==> flow/design.v <==
module u_mplex #(
  parameter int DWIDTH = 3,
  parameter int INPUTS = 64,
  parameter int SEL_WIDTH = $clog2(INPUTS)
) (
  input logic clock,
  input logic nrst,
  input logic step,
  input logic [INPUTS*DWIDTH-1:0] bus,
  input logic [SEL_WIDTH-1:0] pick,
  output logic [DWIDTH-1:0] res
);
  logic [INPUTS*DWIDTH-1:0] bus_r;
  logic [SEL_WIDTH-1:0] pick_r;
  logic [DWIDTH-1:0] res_r;
  assign res = res_r;
  always_ff @(posedge clock or negedge nrst) begin
    if (~nrst) begin
      bus_r <= '0;
      pick_r <= '0;
      res_r <= '0;
    end else if (step) begin
      bus_r <= bus;
      pick_r <= pick;
      res_r <= bus_r[pick_r*DWIDTH +: DWIDTH];
    end
  end
endmodule
Wiki page: u_mplex / tool data

From RTL to reports: u_mplex
A sweep over "DWIDTH": the same steps for each member of the family.
The RTL above is that of DWIDTH 3; lines are counted from 1 in the file of the member named.
Operators carry their Yosys type and port widths (W data, S select, Z words).
{"block": "setup", "design": "u_mplex", "clk_port": "clock", "cell_library": "sky130hd", "pvt_corner": "tt_025C_1v80"}

Source of the members
New or changed lines of each further member against the RTL above, in its own file; lines it lacks are not shown.
{"block": "src_changes", "DWIDTH": 4, "line": 2, "rtl": "parameter int DWIDTH = 4,"}
{"block": "src_changes", "DWIDTH": 6, "line": 2, "rtl": "parameter int DWIDTH = 6,"}
{"block": "src_changes", "DWIDTH": 8, "line": 2, "rtl": "parameter int DWIDTH = 8,"}
{"block": "src_changes", "DWIDTH": 10, "line": 2, "rtl": "parameter int DWIDTH = 10,"}
{"block": "src_changes", "DWIDTH": 16, "line": 2, "rtl": "parameter int DWIDTH = 16,"}

Word level
Source: Yosys, flattened and elaborated, memories not mapped. Widths are those after wreduce; folded enables and synchronous resets count as part of the registers. Registers that Yosys merges into a memory's read port (data or address) are not register bits. Print and check cells do not count. Equal cells are merged and count once.
{"block": "bits", "DWIDTH": 3, "latchBits": 0, "regBits": 201, "n_memories": 0, "rom_bits": 0, "wordCells": 5, "clocked_rd_ports_x_width": 0, "ram_bits": 0}
{"block": "bits", "DWIDTH": 4, "latchBits": 0, "regBits": 266, "n_memories": 0, "rom_bits": 0, "wordCells": 4, "clocked_rd_ports_x_width": 0, "ram_bits": 0}
{"block": "bits", "DWIDTH": 6, "latchBits": 0, "regBits": 396, "n_memories": 0, "rom_bits": 0, "wordCells": 5, "clocked_rd_ports_x_width": 0, "ram_bits": 0}
{"block": "bits", "DWIDTH": 8, "latchBits": 0, "regBits": 526, "n_memories": 0, "rom_bits": 0, "wordCells": 4, "clocked_rd_ports_x_width": 0, "ram_bits": 0}
{"block": "bits", "DWIDTH": 10, "latchBits": 0, "regBits": 656, "n_memories": 0, "rom_bits": 0, "wordCells": 5, "clocked_rd_ports_x_width": 0, "ram_bits": 0}
{"block": "bits", "DWIDTH": 16, "latchBits": 0, "regBits": 1046, "n_memories": 0, "rom_bits": 0, "wordCells": 4, "clocked_rd_ports_x_width": 0, "ram_bits": 0}
{"block": "classes", "DWIDTH": 3, "n_addsub": 0, "n_div": 0, "equal": 0, "n_logic": 0, "shift": 1, "reduce_and_logical": 0, "n_cmp": 0, "multipliers": 1, "mux": 0}
{"block": "classes", "DWIDTH": 4, "n_addsub": 0, "n_div": 0, "equal": 0, "n_logic": 0, "shift": 1, "reduce_and_logical": 0, "n_cmp": 0, "multipliers": 0, "mux": 0}
{"block": "classes", "DWIDTH": 6, "n_addsub": 0, "n_div": 0, "equal": 0, "n_logic": 0, "shift": 1, "reduce_and_logical": 0, "n_cmp": 0, "multipliers": 1, "mux": 0}
{"block": "classes", "DWIDTH": 8, "n_addsub": 0, "n_div": 0, "equal": 0, "n_logic": 0, "shift": 1, "reduce_and_logical": 0, "n_cmp": 0, "multipliers": 0, "mux": 0}
{"block": "classes", "DWIDTH": 10, "n_addsub": 0, "n_div": 0, "equal": 0, "n_logic": 0, "shift": 1, "reduce_and_logical": 0, "n_cmp": 0, "multipliers": 1, "mux": 0}
{"block": "classes", "DWIDTH": 16, "n_addsub": 0, "n_div": 0, "equal": 0, "n_logic": 0, "shift": 1, "reduce_and_logical": 0, "n_cmp": 0, "multipliers": 0, "mux": 0}
{"block": "op_table", "DWIDTH": 3, "operators": "$shiftx A192 B9 Y3 (1); $mul A6 B2 Y8 const B (1)"}
{"block": "op_table", "DWIDTH": 4, "operators": "$shiftx A256 B9 Y4 (1)"}
{"block": "op_table", "DWIDTH": 6, "operators": "$shiftx A384 B10 Y6 (1); $mul A6 B2 Y8 const B (1)"}
{"block": "op_table", "DWIDTH": 8, "operators": "$shiftx A512 B10 Y8 (1)"}
{"block": "op_table", "DWIDTH": 10, "operators": "$shiftx A640 B11 Y10 (1); $mul A6 B3 Y9 const B (1)"}
{"block": "op_table", "DWIDTH": 16, "operators": "$shiftx A1024 B11 Y16 (1)"}

Depth
Longest topological path by Yosys (ltp), each cell counted once; first at word level (registers and memories cut), then after technology mapping (sequential cells cut; the memories' decode and read muxes count).
{"block": "depth", "DWIDTH": 3, "ltp_word": 2, "abc_area": 0, "mapped_depth": 8, "ltp_nobuf": 5}
{"block": "depth", "DWIDTH": 4, "ltp_word": 1, "abc_area": 0, "mapped_depth": 9, "ltp_nobuf": 6}
{"block": "depth", "DWIDTH": 6, "ltp_word": 2, "abc_area": 0, "mapped_depth": 9, "ltp_nobuf": 5}
{"block": "depth", "DWIDTH": 8, "ltp_word": 1, "abc_area": 0, "mapped_depth": 8, "ltp_nobuf": 5}
{"block": "depth", "DWIDTH": 10, "ltp_word": 2, "abc_area": 0, "mapped_depth": 9, "ltp_nobuf": 5}
{"block": "depth", "DWIDTH": 16, "ltp_word": 1, "abc_area": 0, "mapped_depth": 10, "ltp_nobuf": 5}

After synthesis
The flow's flattened synthesis, as Yosys stat reports it; memories are mapped. The netlist is that of the ABC_AREA named above (0 if unset); the other value can give another one.
{"block": "mapped", "DWIDTH": 3, "cells": 539, "area_um2": 8941.1, "buf_cells": 35, "ff_cells": 201, "sequential_area_um2": 5029.8}
{"block": "mapped", "DWIDTH": 4, "cells": 783, "area_um2": 11982.7, "buf_cells": 52, "ff_cells": 266, "sequential_area_um2": 6656.4}
{"block": "mapped", "DWIDTH": 6, "cells": 1069, "area_um2": 17703.2, "buf_cells": 76, "ff_cells": 396, "sequential_area_um2": 9909.5}
{"block": "mapped", "DWIDTH": 8, "cells": 1422, "area_um2": 23457.5, "buf_cells": 105, "ff_cells": 526, "sequential_area_um2": 13162.6}
{"block": "mapped", "DWIDTH": 10, "cells": 1771, "area_um2": 29306.9, "buf_cells": 130, "ff_cells": 656, "sequential_area_um2": 16415.7}
{"block": "mapped", "DWIDTH": 16, "cells": 3023, "area_um2": 46742.3, "buf_cells": 221, "ff_cells": 1046, "sequential_area_um2": 26175.1}
{"block": "by_type", "DWIDTH": 3, "cell_types": "sky130_fd_sc_hd__dfrtp_1 (201); sky130_fd_sc_hd__mux2_2 (204); sky130_fd_sc_hd__mux4_2 (48); sky130_fd_sc_hd__mux2i_1 (15); sky130_fd_sc_hd__clkbuf_1 (23); sky130_fd_sc_hd__buf_2 (6); sky130_fd_sc_hd__nand2_1 (8); sky130_fd_sc_hd__a32oi_1 (3); sky130_fd_sc_hd__o221ai_1 (3); sky130_fd_sc_hd__nand2b_1 (4); sky130_fd_sc_hd__a22oi_1 (3); sky130_fd_sc_hd__buf_4 (3); sky130_fd_sc_hd__a221o_1 (2); sky130_fd_sc_hd__a21oi_1 (3); sky130_fd_sc_hd__and3_1 (2); sky130_fd_sc_hd__nor2b_1 (2); sky130_fd_sc_hd__buf_6 (1); sky130_fd_sc_hd__a32o_1 (1); (+7)"}
{"block": "by_type", "DWIDTH": 4, "cell_types": "sky130_fd_sc_hd__dfrtp_1 (266); sky130_fd_sc_hd__mux2_2 (260); sky130_fd_sc_hd__mux2i_1 (76); sky130_fd_sc_hd__mux4_2 (31); sky130_fd_sc_hd__a22oi_1 (26); sky130_fd_sc_hd__clkbuf_1 (25); sky130_fd_sc_hd__buf_6 (8); sky130_fd_sc_hd__nand3_1 (16); sky130_fd_sc_hd__a221oi_1 (7); sky130_fd_sc_hd__buf_2 (12); sky130_fd_sc_hd__nand2_1 (10); sky130_fd_sc_hd__nor2b_1 (6); sky130_fd_sc_hd__a32o_1 (3); sky130_fd_sc_hd__buf_4 (4); sky130_fd_sc_hd__o21ai_0 (6); sky130_fd_sc_hd__a22o_1 (3); sky130_fd_sc_hd__mux4_1 (1); sky130_fd_sc_hd__a211oi_1 (3); (+20)"}
{"block": "by_type", "DWIDTH": 6, "cell_types": "sky130_fd_sc_hd__dfrtp_1 (396); sky130_fd_sc_hd__mux2_2 (413); sky130_fd_sc_hd__mux4_2 (90); sky130_fd_sc_hd__mux2i_1 (30); sky130_fd_sc_hd__clkbuf_1 (43); sky130_fd_sc_hd__o221ai_1 (12); sky130_fd_sc_hd__a221oi_2 (6); sky130_fd_sc_hd__a22oi_1 (12); sky130_fd_sc_hd__buf_4 (9); sky130_fd_sc_hd__buf_2 (11); sky130_fd_sc_hd__buf_1 (10); sky130_fd_sc_hd__o22ai_1 (6); sky130_fd_sc_hd__buf_6 (3); sky130_fd_sc_hd__nand3_1 (6); sky130_fd_sc_hd__nor2_1 (7); sky130_fd_sc_hd__inv_1 (6); sky130_fd_sc_hd__nand2b_1 (3); sky130_fd_sc_hd__and2_1 (2); (+4)"}
{"block": "by_type", "DWIDTH": 8, "cell_types": "sky130_fd_sc_hd__dfrtp_1 (526); sky130_fd_sc_hd__mux2_2 (528); sky130_fd_sc_hd__mux4_2 (120); sky130_fd_sc_hd__mux2i_1 (40); sky130_fd_sc_hd__clkbuf_1 (68); sky130_fd_sc_hd__mux2_1 (22); sky130_fd_sc_hd__o221ai_1 (16); sky130_fd_sc_hd__a22oi_1 (16); sky130_fd_sc_hd__buf_2 (22); sky130_fd_sc_hd__a221oi_1 (8); sky130_fd_sc_hd__buf_6 (5); sky130_fd_sc_hd__o22ai_1 (8); sky130_fd_sc_hd__nand3_1 (8); sky130_fd_sc_hd__nor2_1 (9); sky130_fd_sc_hd__buf_1 (8); sky130_fd_sc_hd__inv_1 (8); sky130_fd_sc_hd__nand2b_1 (3); sky130_fd_sc_hd__buf_4 (2); (+5)"}
{"block": "by_type", "DWIDTH": 10, "cell_types": "sky130_fd_sc_hd__dfrtp_1 (656); sky130_fd_sc_hd__mux2_2 (686); sky130_fd_sc_hd__mux4_2 (150); sky130_fd_sc_hd__mux2i_1 (50); sky130_fd_sc_hd__clkbuf_1 (85); sky130_fd_sc_hd__o221ai_1 (20); sky130_fd_sc_hd__buf_2 (33); sky130_fd_sc_hd__a22oi_1 (20); sky130_fd_sc_hd__a221oi_2 (9); sky130_fd_sc_hd__o22ai_1 (10); sky130_fd_sc_hd__nand3_1 (10); sky130_fd_sc_hd__buf_6 (4); sky130_fd_sc_hd__nor2_1 (11); sky130_fd_sc_hd__buf_4 (5); sky130_fd_sc_hd__inv_1 (10); sky130_fd_sc_hd__nand2b_1 (3); sky130_fd_sc_hd__and2_1 (2); sky130_fd_sc_hd__nor2b_1 (2); (+5)"}
{"block": "by_type", "DWIDTH": 16, "cell_types": "sky130_fd_sc_hd__dfrtp_1 (1046); sky130_fd_sc_hd__mux2_2 (1046); sky130_fd_sc_hd__mux4_2 (157); sky130_fd_sc_hd__mux2i_1 (192); sky130_fd_sc_hd__clkbuf_1 (162); sky130_fd_sc_hd__a22oi_1 (80); sky130_fd_sc_hd__o22ai_1 (32); sky130_fd_sc_hd__nand2_1 (51); sky130_fd_sc_hd__buf_2 (37); sky130_fd_sc_hd__a221o_1 (16); sky130_fd_sc_hd__o2111ai_1 (16); sky130_fd_sc_hd__o221ai_1 (16); sky130_fd_sc_hd__nor2_1 (35); sky130_fd_sc_hd__nand2b_1 (19); sky130_fd_sc_hd__or2_2 (17); sky130_fd_sc_hd__nand4_1 (16); sky130_fd_sc_hd__a21oi_1 (16); sky130_fd_sc_hd__buf_12 (4); (+65)"}
A list marked (+n) leaves out that many cells.

Worst setup path after synthesis
Source: OpenSTA report_checks on the synthesized netlist (no wires, ideal clock, input and output delay 20% of the period each), path of least setup slack; recovery checks are left aside. Register names are those of the netlist, which keeps one name where synthesis merged equal registers.
{"block": "synth_path", "DWIDTH": 3, "path_type": "register to register", "start": "register pick_r[2]", "end": "register res_r[1]", "period_ns": 2.61, "path_stages": 8, "path_slack_ns": 0.524, "delay_ns": 2.086, "period_less_setup_slack_ns": 2.086}
{"block": "synth_path", "DWIDTH": 4, "path_type": "register to register", "start": "register pick_r[2]", "end": "register res_r[0]", "period_ns": 2.13, "path_stages": 8, "path_slack_ns": 0.428, "delay_ns": 1.701, "period_less_setup_slack_ns": 1.702}
{"block": "synth_path", "DWIDTH": 6, "path_type": "register to register", "start": "register pick_r[0]", "end": "register res_r[0]", "period_ns": 2.37, "path_stages": 6, "path_slack_ns": 0.477, "delay_ns": 1.893, "period_less_setup_slack_ns": 1.893}
{"block": "synth_path", "DWIDTH": 8, "path_type": "input to register", "start": "input port step", "end": "register bus_r[478]", "period_ns": 2.44, "path_stages": 5, "path_slack_ns": 0.480, "delay_ns": 1.472, "period_less_setup_slack_ns": 1.96}
{"block": "synth_path", "DWIDTH": 10, "path_type": "register to register", "start": "register pick_r[0]", "end": "register res_r[1]", "period_ns": 2.47, "path_stages": 9, "path_slack_ns": 0.494, "delay_ns": 1.976, "period_less_setup_slack_ns": 1.976}
{"block": "synth_path", "DWIDTH": 16, "path_type": "register to register", "start": "register pick_r[2]", "end": "register res_r[15]", "period_ns": 2.66, "path_stages": 8, "path_slack_ns": 0.528, "delay_ns": 2.132, "period_less_setup_slack_ns": 2.132}
"delay_ns" = arrival - input delay + setup time.
"path_stages" counts driving pins, that of a launching flip-flop among them; a cell with two outputs on the path counts twice.
"period_less_setup_slack_ns" is the clock period less the worst setup slack; recovery checks do not enter. This is arithmetic on one report: input and output delays are still those of the set period (20% each).
Between the ends stands the longest chain of elaborated cells between them, by number of cells; it is not shown to be the way that was timed. Of several equally long chains one is given.
Each line given opens the expression or statement behind the cell; cells for indexed reads and writes are added by Yosys, which also makes memories of some case tables.
{"block": "synth_via_DWIDTH_3", "elab_chain_len": 2}
{"block": "synth_lines_DWIDTH_3", "element": "start: declaration", "line": 14, "rtl": "logic [SEL_WIDTH-1:0] pick_r;"}
{"block": "synth_lines_DWIDTH_3", "element": "start: assignment", "line": 20, "rtl": "pick_r <= '0;"}
{"block": "synth_lines_DWIDTH_3", "element": "start: assignment", "line": 24, "rtl": "pick_r <= pick;"}
{"block": "synth_lines_DWIDTH_3", "element": "$mul A6 B2 Y8", "line": 25, "rtl": "res_r <= bus_r[pick_r*DWIDTH +: DWIDTH];"}
{"block": "synth_lines_DWIDTH_3", "element": "$shiftx A192 B9 Y3", "line": 25}
{"block": "synth_lines_DWIDTH_3", "element": "end: assignment", "line": 21, "rtl": "res_r <= '0;"}
{"block": "synth_lines_DWIDTH_3", "element": "end: assignment", "line": 25}
{"block": "synth_lines_DWIDTH_3", "element": "end: declaration", "line": 15, "rtl": "logic [DWIDTH-1:0] res_r;"}
{"block": "synth_via_DWIDTH_16", "elab_chain_len": 1}
{"block": "synth_lines_DWIDTH_16", "element": "start: declaration", "line": 14, "rtl": "logic [SEL_WIDTH-1:0] pick_r;"}
{"block": "synth_lines_DWIDTH_16", "element": "start: assignment", "line": 20, "rtl": "pick_r <= '0;"}
{"block": "synth_lines_DWIDTH_16", "element": "start: assignment", "line": 24, "rtl": "pick_r <= pick;"}
{"block": "synth_lines_DWIDTH_16", "element": "$shiftx A1024 B11 Y16", "line": 25, "rtl": "res_r <= bus_r[pick_r*DWIDTH +: DWIDTH];"}
{"block": "synth_lines_DWIDTH_16", "element": "end: assignment", "line": 21, "rtl": "res_r <= '0;"}
{"block": "synth_lines_DWIDTH_16", "element": "end: assignment", "line": 25}
{"block": "synth_lines_DWIDTH_16", "element": "end: declaration", "line": 15, "rtl": "logic [DWIDTH-1:0] res_r;"}

Timing after layout
Path of least setup slack in the final report of each member's run (OpenROAD, finished layout, wires in). Where an end is a register, its clock arrival counts in the times.
{"block": "layout_path", "DWIDTH": 3, "path_type": "register to register", "start": "register pick_r[2]", "end": "register res_r[1]", "period_ns": 2.61, "arrival_ns": 2.79, "path_stages": 7, "path_slack_ns": 0.20}
{"block": "layout_path", "DWIDTH": 4, "path_type": "register to register", "start": "register pick_r[2]", "end": "register res_r[0]", "period_ns": 2.13, "arrival_ns": 2.44, "path_stages": 7, "path_slack_ns": 0.11}
{"block": "layout_path", "DWIDTH": 6, "path_type": "register to register", "start": "register pick_r[0]", "end": "register res_r[1]", "period_ns": 2.37, "arrival_ns": 2.71, "path_stages": 6, "path_slack_ns": 0.07}
{"block": "layout_path", "DWIDTH": 8, "path_type": "register to register", "start": "register pick_r[0]", "end": "register res_r[1]", "period_ns": 2.44, "arrival_ns": 2.83, "path_stages": 7, "path_slack_ns": 0.08}
{"block": "layout_path", "DWIDTH": 10, "path_type": "register to register", "start": "register pick_r[0]", "end": "register res_r[1]", "period_ns": 2.47, "arrival_ns": 2.86, "path_stages": 6, "path_slack_ns": 0.07}
{"block": "layout_path", "DWIDTH": 16, "path_type": "register to register", "start": "register pick_r[0]", "end": "register res_r[9]", "period_ns": 2.66, "arrival_ns": 3.18, "path_stages": 7, "path_slack_ns": 0.06}

Measured runs
Settings and results of one run of the flow (Yosys, OpenROAD) for each member follow. The constraints put input and output delay at 20% of the set period each and load the outputs with 0.01 pF.
{"block": "settings", "CAP_MARGIN": 20, "CORE_MARGIN": 2, "CORE_UTILIZATION": 40, "SLEW_MARGIN": 20}
{"block": "settings_diff", "DWIDTH": 3, "period_ns": 2.61}
{"block": "settings_diff", "DWIDTH": 4, "period_ns": 2.13}
{"block": "settings_diff", "DWIDTH": 6, "period_ns": 2.37}
{"block": "settings_diff", "DWIDTH": 8, "period_ns": 2.44}
{"block": "settings_diff", "DWIDTH": 10, "period_ns": 2.47}
{"block": "settings_diff", "DWIDTH": 16, "period_ns": 2.66}
{"block": "results", "DWIDTH": 3, "total_die_area_um2": 23565.3, "final_setup_ws_ns": 0.204, "synth_area_um2": 8941.1, "achieved_clock_period_ns": 2.406, "final_cell_area_um2": 12253.0, "timing.setup.tns_ns": 0.000}
{"block": "results", "DWIDTH": 4, "total_die_area_um2": 31357.3, "final_setup_ws_ns": 0.113, "synth_area_um2": 11982.7, "achieved_clock_period_ns": 2.017, "final_cell_area_um2": 16358.2, "timing.setup.tns_ns": 0.000}
{"block": "results", "DWIDTH": 6, "total_die_area_um2": 45956.6, "final_setup_ws_ns": 0.071, "synth_area_um2": 17703.2, "achieved_clock_period_ns": 2.299, "final_cell_area_um2": 24174.4, "timing.setup.tns_ns": 0.000}
{"block": "results", "DWIDTH": 8, "total_die_area_um2": 60597.2, "final_setup_ws_ns": 0.076, "synth_area_um2": 23457.5, "achieved_clock_period_ns": 2.364, "final_cell_area_um2": 32234.7, "timing.setup.tns_ns": 0.000}
{"block": "results", "DWIDTH": 10, "total_die_area_um2": 75449.1, "final_setup_ws_ns": 0.072, "synth_area_um2": 29306.9, "achieved_clock_period_ns": 2.398, "final_cell_area_um2": 40161.0, "timing.setup.tns_ns": 0.000}
{"block": "results", "DWIDTH": 16, "total_die_area_um2": 119605.0, "final_setup_ws_ns": 0.059, "synth_area_um2": 46742.3, "achieved_clock_period_ns": 2.601, "final_cell_area_um2": 64528.1, "timing.setup.tns_ns": 0.000}
"achieved_clock_period_ns" is the run's clock period less its worst setup slack. It is reckoned from that one timing run; input and output delays stay at 20% of the period that was set.
